==> flow/design.v <==
module u_adder_p #(
  parameter DW = 16
) (
  input  core_clk,
  input  clr,
  input  [DW-1:0] in_da,
  input  [DW-1:0] in_db,
  input  in_cin,
  output [DW-1:0] out_s,
  output out_co
);
  wire [DW-1:0] nxt;
  wire [DW:0] carry;
  assign carry[0] = in_cin;
  genvar g;
  generate
    for (g = 0; g < DW; g = g + 1) begin : slice
      assign nxt[g] = in_da[g] ^ in_db[g] ^ carry[g];
      assign carry[g+1] = (in_da[g] & in_db[g]) | (carry[g] & (in_da[g] ^ in_db[g]));
    end
  endgenerate
  reg [DW-1:0] s_reg;
  always @(posedge core_clk or posedge clr) begin
    if (clr) begin
      s_reg <= 0;
    end else begin
      s_reg <= nxt;
    end
  end
  assign out_s = s_reg;
  reg co_reg;
  always @(posedge core_clk or posedge clr) begin
    if (clr) begin
      co_reg <= 1'b0;
    end else begin
      co_reg <= carry[DW];
    end
  end
  assign out_co = co_reg;
endmodule
Hand-over note for u_adder_p

# From RTL to reports: u_adder_p

Module u_adder_p in several versions that differ in "DW"; each step lists the members.
The RTL above is that of DW 16; lines are counted from 1 in the file of the member named.
Operators carry their Yosys type and port widths (W data, S select, Z words).
Library cell names are shortened.
A cell with n/a has no value.

Design top: u_adder_p
Clock port: core_clk
Standard-cell library: sky130hd
Timing corner: tt_025C_1v80

# Source of the members

Lines of each other member's file that are new or changed against the file above; lines that a member lacks are not shown.

New or changed lines:

| DW | line | source |
| 18 | 2    | `parameter DW = 18` |
| 64 | 2    | `parameter DW = 64` |

# Word level

Source: Yosys, flattened and elaborated, memories not mapped. Widths are those after wreduce; folded enables and synchronous resets count as part of the registers. Registers that Yosys merges into a memory's read port (data or address) are not register bits. Print and check cells do not count. Equal cells are merged and count once.

Bit counts:

| DW | output and inout bits | elaborated cells | input port bits | register bits |
| 16 | 17                    | 82               | 35              | 17 |
| 18 | 19                    | 92               | 39              | 19 |
| 64 | 65                    | 322              | 131             | 65 |

Cells by class:

| DW | bitwise operators |
| 16 | 80 |
| 18 | 90 |
| 64 | 320 |

Operators with widths:

| DW | kind and count |
| 16 | 32 x $and A1 B1 Y1; 32 x $xor A1 B1 Y1; 16 x $or A1 B1 Y1 |
| 18 | 36 x $and A1 B1 Y1; 36 x $xor A1 B1 Y1; 18 x $or A1 B1 Y1 |
| 64 | 128 x $and A1 B1 Y1; 128 x $xor A1 B1 Y1; 64 x $or A1 B1 Y1 |

# Logic depth

Yosys ltp: most cells in a row. Word level: on the elaborated netlist, between registers, memories and ports. Mapped: between sequential cells and ports; inverters and the memories' decode and read muxes count.

Depth:

| DW | word-level depth | ABC_AREA | depth in mapped cells | depth with buffers taken out |
| 16 | 33               | 0        | 20                    | 20 |
| 18 | 37               | 0        | 22                    | 22 |
| 64 | 129              | 0        | 68                    | 68 |

# Synthesis result

The flow's flattened synthesis, as Yosys stat reports it; memories are mapped. The netlist is that of the ABC_AREA named above (0 if unset); the other value can give another one.

Mapped netlist:

| DW | buffer cells | synthesis area (µm²) | flip-flop cells | sequential area (µm²) | cell count |
| 16 | 0            | 787.0                | 17              | 425.4                 | 44 |
| 18 | 0            | 877.1                | 19              | 475.5                 | 48 |
| 64 | 0            | 2949.1               | 65              | 1626.6                | 140 |

Cells by type:

| DW | types with counts |
| 16 | 17 x dfrtp_1; 16 x fa_1; 11 x inv_1 |
| 18 | 19 x dfrtp_1; 18 x fa_1; 11 x inv_1 |
| 64 | 65 x dfrtp_1; 64 x fa_1; 11 x inv_1 |

# Worst setup path after synthesis

OpenSTA on the mapped netlist: ideal clock, no wires. The path of least setup slack (recovery checks aside). Input and output delay are each 20% of the period. Register names are those of the netlist, which keeps one name where synthesis merged equal registers.

Timing path post-synthesis:

| DW | path kind         | from                | to                 | driving pins on the path | delay of the path (ps) | slack (ps) | clock period (ps) | synthesis period reached (ps) |
| 16 | input to register | input port in_da[0] | register s_reg[15] | 20                       | 6127                   | 1529       | 9570              | 8041 |
| 18 | input to register | input port in_da[0] | register s_reg[17] | 22                       | 6886                   | 1754       | 10800             | 9046 |
| 64 | input to register | input port in_da[0] | register s_reg[63] | 68                       | 24354                  | 6126       | 38100             | 31974 |

"delay of the path" is the arrival time less input delay plus setup time.
"driving pins on the path" counts driving pins, that of a launching flip-flop among them; a cell with two outputs on the path counts twice.
"synthesis period reached" = period - worst setup slack (recovery checks aside). The figure is calculated, with input and output delays left at 20% of the set period.
The rows between start and end are the longest chain of elaborated cells between them; the timing report does not say that the signal goes this way. Where chains are equally long, one stands for them.
A line is the first line of the expression or statement that the cell stems from. Yosys adds cells for indexed reads and writes and turns some case tables into memories.

Between the ends, post-synthesis, DW 16:
Cells in the longest elaborated chain: 32

Ends and longest elaborated chain, post-synthesis, DW 16:

| item            | line | source |
| from (decl)     | 6    | `input  [DW-1:0] in_da,` |
| $xor A1 B1 Y1   | 19   | `assign carry[g+1] = (in_da[g] & in_db[g]) \| (carry[g] & (in_da[g] ^ in_db[g]));` |
| $and A1 B1 Y1   | 19   |  |
| $or A1 B1 Y1    | 19   |  |
| $and A1 B1 Y1   | 19   |  |
| $or A1 B1 Y1    | 19   |  |
| $and A1 B1 Y1   | 19   |  |
| $or A1 B1 Y1    | 19   |  |
| [18 not listed] | n/a  |  |
| $and A1 B1 Y1   | 19   |  |
| $or A1 B1 Y1    | 19   |  |
| $and A1 B1 Y1   | 19   |  |
| $or A1 B1 Y1    | 19   |  |
| $and A1 B1 Y1   | 19   |  |
| $or A1 B1 Y1    | 19   |  |
| $xor A1 B1 Y1   | 18   | `assign nxt[g] = in_da[g] ^ in_db[g] ^ carry[g];` |
| to (assign)     | 25   | `s_reg <= 0;` |
| to (assign)     | 27   | `s_reg <= nxt;` |
| to (decl)       | 22   | `reg [DW-1:0] s_reg;` |

Between the ends, post-synthesis, DW 64:
Cells in the longest elaborated chain: 128

Ends and longest elaborated chain, post-synthesis, DW 64:

| item             | line | source |
| from (decl)      | 6    | `input  [DW-1:0] in_da,` |
| $xor A1 B1 Y1    | 19   | `assign carry[g+1] = (in_da[g] & in_db[g]) \| (carry[g] & (in_da[g] ^ in_db[g]));` |
| $and A1 B1 Y1    | 19   |  |
| $or A1 B1 Y1     | 19   |  |
| $and A1 B1 Y1    | 19   |  |
| $or A1 B1 Y1     | 19   |  |
| $and A1 B1 Y1    | 19   |  |
| $or A1 B1 Y1     | 19   |  |
| [114 not listed] | n/a  |  |
| $and A1 B1 Y1    | 19   |  |
| $or A1 B1 Y1     | 19   |  |
| $and A1 B1 Y1    | 19   |  |
| $or A1 B1 Y1     | 19   |  |
| $and A1 B1 Y1    | 19   |  |
| $or A1 B1 Y1     | 19   |  |
| $xor A1 B1 Y1    | 18   | `assign nxt[g] = in_da[g] ^ in_db[g] ^ carry[g];` |
| to (assign)      | 25   | `s_reg <= 0;` |
| to (assign)      | 27   | `s_reg <= nxt;` |
| to (decl)        | 22   | `reg [DW-1:0] s_reg;` |

# Worst path after layout

From the final timing report of each member's run: the path of least setup slack in the routed layout; clock arrival at registers is part of the times.
The path's times are printed in steps of 10 ps; the period is the one set.

Timing path post-layout:

| DW | path kind         | from                | to                 | data arrival time (ps) | buffers on the path | driving pins on the path | clock period (ps) | slack (ps) |
| 16 | input to register | input port in_da[0] | register s_reg[15] | 8660                   | 1                   | 21                       | 9570              | 1140 |
| 18 | input to register | input port in_da[0] | register s_reg[17] | 9750                   | 1                   | 23                       | 10800             | 1280 |
| 64 | input to register | input port in_da[0] | register s_reg[63] | 33280                  | 1                   | 69                       | 38100             | 5090 |

# Measured runs

One run of the flow (Yosys, OpenROAD) for each member, with settings and measured results. Input and output delays are each 20% of the period that was set; the output load is 0.01 pF.

CAP_MARGIN: 20
CORE_MARGIN: 2
CORE_UTILIZATION: 40
SLEW_MARGIN: 20

Settings by member:

| DW | period_ns |
| 16 | 9.57 |
| 18 | 10.8 |
| 64 | 38.1 |

Final reports:

| DW | utilization after routing (%) | total design power (uW) | area of the standard cells in the finished layout (µm²) | Yosys chip area after synthesis (µm²) | lowest setup slack (ps) | achieved period (ps) | final setup TNS (ps) | total die area (µm²) |
| 16 | 71.4                          | 193.2                   | 1357.5                                                  | 787.0                                 | 1137                    | 8433                 | 0                    | 2338.2 |
| 18 | 74.6                          | 190.7                   | 1509.0                                                  | 877.1                                 | 1279                    | 9521                 | 0                    | 2583.2 |
| 64 | 72.5                          | 211.9                   | 5227.5                                                  | 2949.1                                | 5089                    | 33011                | 0                    | 8075.7 |

"achieved period" = clock period - worst setup slack. The figure is calculated, with input and output delays left at 20% of the set period.
"total design power" rests on the timing tool's default activity at the inputs, not on a simulated workload.

End of note.
